==> flow/design.v <==
module cpu_cmp_unit_v2 #(
   parameter DATA_W = 40
) (
   input CLK,
   input reset,
   input signed [DATA_W-1:0] in_dataa,
   input signed [DATA_W-1:0] in_datab,
   output out_is_lt,
   output out_is_eq,
   output out_a_gt_b
);
   reg is_lt_ff;
   always @(posedge CLK) begin
      if (reset) begin
         is_lt_ff <= 1'b0;
      end else begin
         is_lt_ff <= (in_dataa < in_datab);
      end
   end
   assign out_is_lt = is_lt_ff;
   reg is_eq_ff;
   always @(posedge CLK) begin
      if (reset) begin
         is_eq_ff <= 1'b0;
      end else begin
         is_eq_ff <= (in_dataa == in_datab);
      end
   end
   assign out_is_eq = is_eq_ff;
   reg a_gt_b_ff;
   always @(posedge CLK) begin
      if (reset) begin
         a_gt_b_ff <= 1'b0;
      end else begin
         a_gt_b_ff <= (in_dataa > in_datab);
      end
   end
   assign out_a_gt_b = a_gt_b_ff;
endmodule
# Tool chain data of cpu_cmp_unit_v2
# What the tools print for cpu_cmp_unit_v2, step after step.
# Line numbers count from 1 in the design file above.
# Operators: Yosys type, input widths -> output width; for muxes data width and select width s.
# Cell names lack the library's common part.
# Not given: -
# design
top	cpu_cmp_unit_v2
clock	CLK
cell_library	sky130hd
corner	tt_025C_1v80

# After elaboration
# Counts by Yosys on the flattened word-level netlist (proc, flatten, opt, wreduce; memories kept). Register bits leave out memories and registers merged into their read ports (data or address); mux counts leave out enables and synchronous resets folded into registers. Print and check cells are left out. Cells with the same type and inputs are merged into one.
# word_totals
ff_bits	3
inputBits	82
out_inout_bits	3
wordCells	6
# classes
compare	2
equal	1
# ops
cell	count
$gt 40x40->1	1
$lt 40x40->1	1
$eq 40x40->1	1

# Depth
# Longest topological path by Yosys (ltp), each cell counted once; first at word level (registers and memories cut), then after technology mapping (sequential cells cut; the memories' decode and read muxes count).
# depth
word_depth	1
ABC_AREA	0
mapped_depth	8

# After synthesis
# The flow's flattened synthesis, as Yosys stat reports it; memories are mapped. The netlist is that of the ABC_AREA named above (0 if unset); the other value can give another one.
# Totals and module areas in this step are rounded.
# synth_totals
stdcells	158
mapped_area_um2	1160
seqArea_um2	60.1
ffs	3
n_buf	0
# types
type	count	area_total_um2
ha_1	40	500.48
inv_1	43	161.405
a21oi_1	17	85.082
nand4_1	10	62.56
dfxtp_1	3	60.058
nor3_1	6	30.029
o21ai_0	6	30.029
nand3_1	4	20.019
nand2_1	5	18.768
a211o_1	2	17.517
a2111oi_2	1	15.014
a211oi_1	2	15.014
a21o_1	2	15.014
nor2b_4	1	13.763
nor4_1	2	12.512
o211ai_2	1	12.512
a21boi_2	1	11.261
nor2_1	3	11.261
# Not listed: further types 9, cells in them 9.

# Worst setup path after synthesis
# Path of least setup slack by OpenSTA after synthesis, without wires, with an ideal clock, recovery checks aside; 20% of the period is set as input and as output delay. Where synthesis merged equal registers, the netlist keeps one of their names.
# synth_path
path_type	input-to-reg
startpoint	input in_datab[1]
endpoint	register is_lt_ff
period_ns	2.5
in_delay_ns	0.500
launch_ns	0.500
t_arrival_ns	2.043
path_slack_ns	0.399
delay_ns	1.601
path_stages	8
synth_period_reached_ns	2.101
# "delay_ns" is the arrival time less input delay plus setup time.
# "path_stages": output pins that drive a net of the path, with the launching flip-flop's if there is one; two outputs of one cell count as two.
# "synth_period_reached_ns" = period - worst setup slack (recovery checks aside). The figure is calculated, with input and output delays left at 20% of the set period.
# The rows between start and end are the longest chain of elaborated cells between them; the timing report does not say that the signal goes this way. Where chains are equally long, one stands for them.
# Each line given opens the expression or statement behind the cell; cells for indexed reads and writes are added by Yosys, which also makes memories of some case tables.
# synth_via
path_cell_list	inv_1 > ha_1 > nor2b_4 > o211ai_2 > a21oi_1 > or4_4 > a2111oi_2 > a211o_1
elab_chain_cells	1
cells_between	1
lines_between	1
cone_classes	compare: 1
# synth_rtl
element	line	text
from (decl)	7	input signed [DATA_W-1:0] in_datab,
$lt 40x40->1	17	is_lt_ff <= (in_dataa < in_datab);
to (assign)	15	is_lt_ff <= 1'b0;
to (assign)	17
to (decl)	12	reg is_lt_ff;

# Worst path after layout
# Path of least setup slack in the final report of stored run 1 (OpenROAD, finished layout, wires in). Where an end is a register, its clock arrival counts in the times.
# layout_path
path_type	input-to-reg
startpoint	input in_datab[5]
endpoint	register is_lt_ff
period_ns	2.5
in_delay_ns	0.50
launch_ns	0.50
t_arrival_ns	2.55
path_slack_ns	0.12
path_stages	8
# The rows between start and end are the longest chain of elaborated cells between them; the timing report does not say that the signal goes this way. Where chains are equally long, one stands for them.
# layout_via
path_cell_list	clkdlybuf4s50_1 > inv_1 > ha_1 > nand4_1 > a21oi_1 > or4_4 > a2111oi_4 > a211o_1
elab_chain_cells	1
cells_between	1
lines_between	1
cone_classes	compare: 1
# layout_rtl
element	line	text
from (decl)	7	input signed [DATA_W-1:0] in_datab,
$lt 40x40->1	17	is_lt_ff <= (in_dataa < in_datab);
to (assign)	15	is_lt_ff <= 1'b0;
to (assign)	17
to (decl)	12	reg is_lt_ff;

# Record of 3 stored runs of the RTL-to-layout flow on cpu_cmp_unit_v2, platform sky130hd. The runs are unordered. Constraints: input delay and output delay 20% of the set period each, output load 0.01 pF.
# "achieved_clock_period_ns" means the clock period less the worst setup slack. The figure is calculated, with input and output delays left at 20% of the set period.
# By "worst_path_allowed_less_slack_ns" is meant the share of the clock period that the worst setup path is allowed (20% is reserved at inputs, 20% at outputs), minus its slack. Clock arrival times at its registers enter into it.
# Results are given in rounded form.
# Settings: . = not set for that run.
# Among the results, . means that no value is shown for the run.
run	period_ns	CAP_MARGIN	CORE_MARGIN	CORE_UTILIZATION	SLEW_MARGIN	PLACE_DENSITY	CELL_PAD_IN_SITES_GLOBAL_PLACEMENT	CELL_PAD_IN_SITES_DETAIL_PLACEMENT	TNS_END_PERCENT	CTS_CLUSTER_SIZE	MIN_ROUTING_LAYER	MAX_ROUTING_LAYER	SETUP_SLACK_MARGIN	PLACE_DENSITY_LB_ADDON	ABC_AREA	CTS_CLUSTER_DIAMETER	synth_area_um2	total_die_area_um2	layout_stdcell_area_um2	worst_setup_slack_ns	tns_setup_ns	fin_hold_ws_ns	achieved_clock_period_ns	worst_path_allowed_less_slack_ns	worst_path_kind
stored run 1	2.5	20	2	40	20	.	.	.	.	.	.	.	.	.	.	.	1160	3360	2210	0.119	0.000	0.880	2.381	1.88	input-to-reg
stored run 2	2.21	20	6	58	20	0.39	3	1	25	93	met2	met4	.	.	.	.	.	.	.	.	.	.	.	.	.
stored run 3	1.32	25	2	68	20	.	.	.	.	.	met1	.	-0.11	0.21	0	324	.	.	.	.	.	.	.	.	.
# Stored run 2: no final report: placement broke off with GPL-0301
# Stored run 3: no final report: placement broke off with FLW-0024
